==> flow/design.v <==
module core_data_mux_top #(
    parameter DATA_WIDTH = 20
) (
    input  wire sys_clk,
    input  wire RSTN,
    input  wire [DATA_WIDTH-1:0] i_data_0,
    input  wire [DATA_WIDTH-1:0] i_data_1,
    input  wire [DATA_WIDTH-1:0] i_data_2,
    input  wire [DATA_WIDTH-1:0] i_data_3,
    input  wire [DATA_WIDTH-1:0] i_data_4,
    input  wire [2:0] i_select,
    output wire [DATA_WIDTH-1:0] o_out
);
    reg [DATA_WIDTH-1:0] tmp;
    always @* begin
        if (i_select == 0) tmp = i_data_0;
        else if (i_select == 1) tmp = i_data_1;
        else if (i_select == 2) tmp = i_data_2;
        else if (i_select == 3) tmp = i_data_3;
        else tmp = i_data_4;
    end
    reg [DATA_WIDTH-1:0] out_reg;
    always @(posedge sys_clk) begin
        if (!RSTN) begin
            out_reg <= 0;
        end else begin
            out_reg <= tmp;
        end
    end
    assign o_out = out_reg;
endmodule
# Tool chain data of core_data_mux_top
# What the tools print for core_data_mux_top, step after step.
# Line numbers count from 1 in the design file above.
# Library cell names are shortened.
# A cell with -- has no value.
[design] design="core_data_mux_top" clock="sys_clk" lib="sky130hd" corner="tt_025C_1v80"

# Word-level counts
# Source: Yosys, flattened and elaborated, memories not mapped. Widths are those after wreduce; folded enables and synchronous resets count as part of the registers. Registers that Yosys merges into a memory's read port (data or address) are not register bits. Print and check cells do not count. Equal cells are merged and count once.
[bits] regBits=20 inputBits=105 output_inout_bits=20
[classes] eq_ne=3 n_mux=4 n_reduce_logical=1
[op_table] operator="20-bit 2-to-1 mux" count=4
[op_table] operator="3-bit by 2-bit equality test with 1-bit output with constant B" count=2
[op_table] operator="3-bit by 1-bit equality test with 1-bit output with constant B" count=1
[op_table] operator="3-bit zero test" count=1

# Depth
# Yosys ltp: most cells in a row. Word level: on the elaborated netlist, between registers, memories and ports. Mapped: between sequential cells and ports; inverters and the memories' decode and read muxes count.
[depth] word_depth=5 ABC_AREA=1 mapped_depth=8

# After synthesis
# The flow's flattened synthesis, as Yosys stat reports it; memories are mapped. The netlist is that of the ABC_AREA named above (0 if unset); the other value can give another one.
[types] cell="dfxtp_1" count=20
[types] cell="nand2_1" count=99
[types] cell="inv_1" count=78
[types] cell="nor2_1" count=41
[types] cell="nand3_1" count=21
[types] cell="a21oi_1" count=20
[types] cell="o21ai_0" count=16
[types] cell="buf_4" count=5
[types] cell="buf_6" count=3
[types] cell="buf_2" count=5
[types] cell="o21ai_1" count=5
[types] cell="nor2_4" count=2
[types] cell="nor2_8" count=1
[types] cell="nand3_4" count=1
[types] cell="inv_2" count=2
[types] cell="inv_4" count=1
[types] cell="clkbuf_1" count=1
[mapped] cells=321 area_um2=1702.9 flip_flops=20 n_buf=14

# Path before layout
# OpenSTA on the mapped netlist: ideal clock, no wires. The path of least setup slack (recovery checks aside). Input and output delay are each 20% of the period. Register names are those of the netlist, which keeps one name where synthesis merged equal registers.
[synth_timing] path_type="in2reg" startpoint="in i_select[2]" endpoint="reg out_reg[3]" tclk_ns=1.49 input_delay_ns=0.298 setup_time_ns=0.119 launch_ns=0.298 arrival_time_ns=1.048 required_time_ns=1.371 slack_ns=0.322 path_delay_ns=0.869 path_stages=7 path_buffers=1 synth_period_reached_ns=1.168
# "path_delay_ns" = arrival - input delay + setup time.
# "path_stages" counts driving pins, that of a launching flip-flop among them; a cell with two outputs on the path counts twice.
# "synth_period_reached_ns" = period - worst setup slack (recovery checks aside). The figure is calculated, with input and output delays left at 20% of the set period.
# Between the ends stands the longest chain of elaborated cells between them, by number of cells; it is not shown to be the way that was timed. Of several equally long chains one is given.
# A line is the first line of the expression or statement that the cell stems from. Yosys adds cells for indexed reads and writes and turns some case tables into memories.
[synth_via] path_cell_list="nor2_4 -> inv_4 -> nor2_4 -> inv_2 -> buf_6 -> o21ai_0 -> a21oi_1" elab_chain_len=5 cells_between=8
[synth_rtl] item="start, declared" line_no=11 rtl="input  wire [2:0] i_select,"
[synth_rtl] item="3-bit by 2-bit equality test with 1-bit output" line_no=19 rtl="else if (i_select == 3) tmp = i_data_3;"
[synth_rtl] item="20-bit 2-to-1 mux" line_no=19
[synth_rtl] item="20-bit 2-to-1 mux" line_no=18 rtl="else if (i_select == 2) tmp = i_data_2;"
[synth_rtl] item="20-bit 2-to-1 mux" line_no=17 rtl="else if (i_select == 1) tmp = i_data_1;"
[synth_rtl] item="20-bit 2-to-1 mux" line_no=16 rtl="if (i_select == 0) tmp = i_data_0;"
[synth_rtl] item="end, assigned" line_no=25 rtl="out_reg <= 0;"
[synth_rtl] item="end, assigned" line_no=27 rtl="out_reg <= tmp;"
[synth_rtl] item="end, declared" line_no=22 rtl="reg [DATA_WIDTH-1:0] out_reg;"

# Timing after layout
# From the final timing report of stored run 1: the path of least setup slack in the routed layout; clock arrival at registers is part of the times.
[layout_timing] path_type="reg2out" startpoint="reg out_reg[15]" endpoint="out o_out[15]" tclk_ns=2.18 out_delay_ns=0.44 launch_ns=0.26 arrival_time_ns=1.14 required_time_ns=1.74 slack_ns=0.61 path_stages=2 path_buffers=1
[layout_via] path_cell_list="dfxtp_1 -> clkdlybuf4s50_1" elab_chain_len=0 cells_between=0
[layout_rtl] item="start, declared" line_no=22 rtl="reg [DATA_WIDTH-1:0] out_reg;"
[layout_rtl] item="start, assigned" line_no=25 rtl="out_reg <= 0;"
[layout_rtl] item="start, assigned" line_no=27 rtl="out_reg <= tmp;"
[layout_rtl] item="end, declared" line_no=12 rtl="output wire [DATA_WIDTH-1:0] o_out"

# Stored flow runs of core_data_mux_top (3 of them; Yosys, OpenROAD, sky130hd). They differ in their settings and are not a sequence. Constraints: input delay and output delay 20% of the set period each, output load 0.01 pF.
# "achieved_period_ns": clock period set for the run, less the worst setup slack. It is reckoned from that one timing run; input and output delays stay at 20% of the period that was set.
# "timing.worst_path_ns" means the part of the period allowed to the worst setup path (the constraints hold back 20% at inputs and 20% at outputs) less its slack; where the path has registers, the arrival times of their clocks count too.
# "power.total_uw" is the tool's figure for a default switching activity; nothing was simulated.
run="stored run 1" settings period_ns=2.18 CORE_UTILIZATION=45 SETUP_SLACK_MARGIN=0.59 PLACE_DENSITY_LB_ADDON=0.01 TNS_END_PERCENT=90 ABC_AREA=1 SLEW_MARGIN=35 CAP_MARGIN=20 CORE_MARGIN=2
run="stored run 1" results power.total_uw=1193 timing.setup.ws_ns=0.605 timing.worst_path_ns=1.14 timing.worst_path_kind="reg2out" synth_chip_area_um2=1702.9 achieved_period_ns=1.575 post_route_stdcell_area_um2=3115.5 die_um2=4292.2 timing.setup.tns_ns=0.000 finalUtil_pct=85.1 ws_hold_ns=0.728
run="stored run 2" settings period_ns=1.49 CAP_MARGIN=20 CORE_MARGIN=2 CORE_UTILIZATION=40 SLEW_MARGIN=20
run="stored run 2" results power.total_uw=1662 timing.setup.ws_ns=0.032 timing.worst_path_ns=1.16 timing.worst_path_kind="reg2out" synth_chip_area_um2=1323.8 achieved_period_ns=1.458 post_route_stdcell_area_um2=2681.3 die_um2=3785.3 timing.setup.tns_ns=0.000 finalUtil_pct=86.4 ws_hold_ns=0.557
run="stored run 3" settings period_ns=1.92 CORE_UTILIZATION=52 SETUP_SLACK_MARGIN=-0.13 PLACE_DENSITY=0.39 CORE_ASPECT_RATIO=1.18 CORE_MARGIN=7 CELL_PAD_IN_SITES_GLOBAL_PLACEMENT=1 CELL_PAD_IN_SITES_DETAIL_PLACEMENT=2 CAP_MARGIN=20 SLEW_MARGIN=20
run="stored run 3" outcome="no final report: placement broke off with GPL-0301"
